==> flow/design.v <==
module ex_data_mux (aclk, src_in, addr_in, dout_out);
    parameter integer DATA_W = 48;
    parameter integer NUM = 4;
    localparam integer LOGN = $clog2(NUM);
    input aclk;
    input [NUM*DATA_W-1:0] src_in;
    input [LOGN-1:0] addr_in;
    output [DATA_W-1:0] dout_out;
    reg [NUM*DATA_W-1:0] src_d1;
    always @(posedge aclk)
        src_d1 <= src_in;
    reg [LOGN-1:0] addr_d1;
    always @(posedge aclk)
        addr_d1 <= addr_in;
    assign dout_out = src_d1[addr_d1*DATA_W +: DATA_W];
endmodule
Reports on ex_data_mux --
Tool output for the design above, in the order of the flow. Lines are those of the file above, counted from 1. Library cell names are shortened. The mark n/a stands for no value.
Inputs: top ex_data_mux, clock input aclk, standard-cell library sky130hd, corner tt_025C_1v80

Elaborated design --
Yosys after proc, flatten, opt, wreduce and memory -nomap, before mapping. Enables and synchronous resets that opt folds into registers are not counted as muxes. Memory bits, and registers merged into a memory's read port (data or address), are not among the register bits. Print and check cells are not counted. Equal cells are merged and count once.
Word-level totals: output and inout port bits 48, input bits 195, cells after elaboration 4, flip-flop bits (word level) 194
Cells by class: multiply operators 1, shifts and indexed selects 1
Operators with widths (count):
- 192-bit by 9-bit indexed select with 48-bit output | 1
- 2-bit by 2-bit multiplier with 4-bit output (second input constant) | 1

Logic depth --
Depth = most cells in a row (Yosys ltp): at word level without a register or memory, in the mapped netlist without a sequential cell, where the memories' decode and read muxes count.
Logic depth: depth after elaboration 2, ABC_AREA 0, depth in mapped cells 3, gate-level depth less buffers 1

Mapped cells and area --
Yosys stat after the flow's synthesis: flattened, memories mapped to cells. It holds for the ABC_AREA given above (unset counts as 0); a run with the other value may have another netlist.
Synthesis totals: mapped area 5036.1 um2, flip-flops 194, cells in the netlist 252, buffers 10
Cells by type (count):
- dfxtp_1 | 194
- mux4_2 | 48
- buf_6 | 3
- buf_2 | 3
- buf_4 | 2
- clkbuf_1 | 2

Worst setup path after synthesis --
Source: OpenSTA report_checks on the synthesized netlist (no wires, ideal clock, input and output delay 20% of the period each), path of least setup slack; recovery checks are left aside. Register names are those of the netlist, which keeps one name where synthesis merged equal registers.
Timing path post-synthesis: kind reg2out, start register addr_d1[0], end output dout_out[0], time at the first pin 0.000 ns, path slack 0.311 ns, external output delay 0.386 ns, arrival time 1.233 ns, clock period 1.93 ns, path delay 1.233 ns, buffers on the path 2, driving pins on the path 4, synthesis period reached 1.619 ns
"path delay" = arrival - input delay + setup time. A path that ends at an output port has no setup time. "driving pins on the path" counts driving pins, that of a launching flip-flop among them; a cell with two outputs on the path counts twice. "synthesis period reached" = period - worst setup slack (recovery checks aside). The figure is calculated, with input and output delays left at 20% of the set period. Between the ends stands the longest chain of elaborated cells between them, by number of cells; it is not shown to be the way that was timed. Of several equally long chains one is given. Each line given opens the expression or statement behind the cell; cells for indexed reads and writes are added by Yosys, which also makes memories of some case tables.
Between the ends, post-synthesis: path through dfxtp_1 > buf_6 > buf_6 > mux4_2, length of the longest elaborated chain 2, elaborated cells on any way between the ends 2, RTL lines with such cells 1
RTL lines, path post-synthesis:
- from (decl) | RTL line 12 | reg [LOGN-1:0] addr_d1;
- from (assign) | RTL line 14 | addr_d1 <= addr_in;
- 2-bit by 2-bit multiplier with 4-bit output | RTL line 15 | assign dout_out = src_d1[addr_d1*DATA_W +: DATA_W];
- 192-bit by 9-bit indexed select with 48-bit output | RTL line 15
- to (decl) | RTL line 8 | output [DATA_W-1:0] dout_out;

Worst path after layout --
Path of least setup slack in the final report of run 1 (OpenROAD, finished layout, wires in). Where an end is a register, its clock arrival counts in the times.
Timing path after layout: kind reg2out, start register addr_d1[0], end output dout_out[26], external output delay 0.39 ns, clock period 1.93 ns, driving pins on the path 6, path slack -0.28 ns, buffers on the path 4, arrival time 1.83 ns, time at the first pin 0.42 ns
Between the ends stands the longest chain of elaborated cells between them, by number of cells; it is not shown to be the way that was timed. Of several equally long chains one is given.
Between the ends, after layout: path through dfxtp_4 > buf_12 > buf_12 > buf_6 > mux4_2 > buf_6, length of the longest elaborated chain 2, elaborated cells on any way between the ends 2, RTL lines with such cells 1
RTL lines, path after layout:
- from (decl) | RTL line 12 | reg [LOGN-1:0] addr_d1;
- from (assign) | RTL line 14 | addr_d1 <= addr_in;
- 2-bit by 2-bit multiplier with 4-bit output | RTL line 15 | assign dout_out = src_d1[addr_d1*DATA_W +: DATA_W];
- 192-bit by 9-bit indexed select with 48-bit output | RTL line 15
- to (decl) | RTL line 8 | output [DATA_W-1:0] dout_out;

Lab notebook: ex_data_mux

3 stored runs of ex_data_mux in the flow (synthesis by Yosys, layout by OpenROAD, sky130hd cells), in arbitrary order. Constraints: input delay and output delay 20% of the set period each, output load 0.01 pF.
"achieved clock period" means the clock period less the worst setup slack. The figure is calculated, with input and output delays left at 20% of the set period.
By "worst path time" is meant the share of the clock period that the worst setup path is allowed (20% is reserved at inputs, 20% at outputs), minus its slack. Clock arrival times at its registers enter into it.
By "total power of the final layout" is meant OpenSTA's value without simulated activity: inputs other than the clock are taken to toggle once in ten clock periods, and the tool carries that through the logic.

* Run 1 | settings: period_ns 1.93; CAP_MARGIN 20; CORE_MARGIN 2; CORE_UTILIZATION 40; SLEW_MARGIN 20 | results: worst path time 1.83 ns; kind of the worst setup path reg2out; area of the standard cells in the finished layout 8634.5 um2; total power of the final layout 0.009029 W; achieved clock period 2.212 ns; setup slack of the critical path -0.282 ns; setup TNS -9.423 ns; area of the die 13503.6 um2; final worst hold slack 0.400 ns; utilization after routing 0.71; area of the synthesized netlist 5036.1 um2
* Run 2 | settings: period_ns 2.13; CORE_UTILIZATION 36; SETUP_SLACK_MARGIN 0.02; PLACE_DENSITY 0.35; TNS_END_PERCENT 65; ABC_AREA 0; GPL_TIMING_DRIVEN 1; CTS_CLUSTER_DIAMETER 34; CAP_MARGIN 5; MIN_ROUTING_LAYER met2; CORE_MARGIN 2; SLEW_MARGIN 20 | results: worst path time 1.80 ns; kind of the worst setup path reg2out; area of the standard cells in the finished layout 8399.3 um2; total power of the final layout 0.007509 W; achieved clock period 2.226 ns; setup slack of the critical path -0.096 ns; setup TNS -0.532 ns; area of the die 14951.2 um2; final worst hold slack 0.441 ns; utilization after routing 0.61; area of the synthesized netlist 5036.1 um2
* Run 3 | settings: period_ns 2.33; CORE_UTILIZATION 47; SETUP_SLACK_MARGIN 0.36; PLACE_DENSITY 0.38; TNS_END_PERCENT 40; GPL_ROUTABILITY_DRIVEN 1; SLEW_MARGIN 15; MIN_ROUTING_LAYER met1; CAP_MARGIN 20; CORE_MARGIN 2 | results: worst path time 1.86 ns; kind of the worst setup path reg2out; area of the standard cells in the finished layout 8533.2 um2; total power of the final layout 0.007348 W; achieved clock period 2.324 ns; setup slack of the critical path 0.006 ns; setup TNS 0.000 ns; area of the die 11559.5 um2; final worst hold slack 0.374 ns; utilization after routing 0.823; area of the synthesized netlist 5036.1 um2
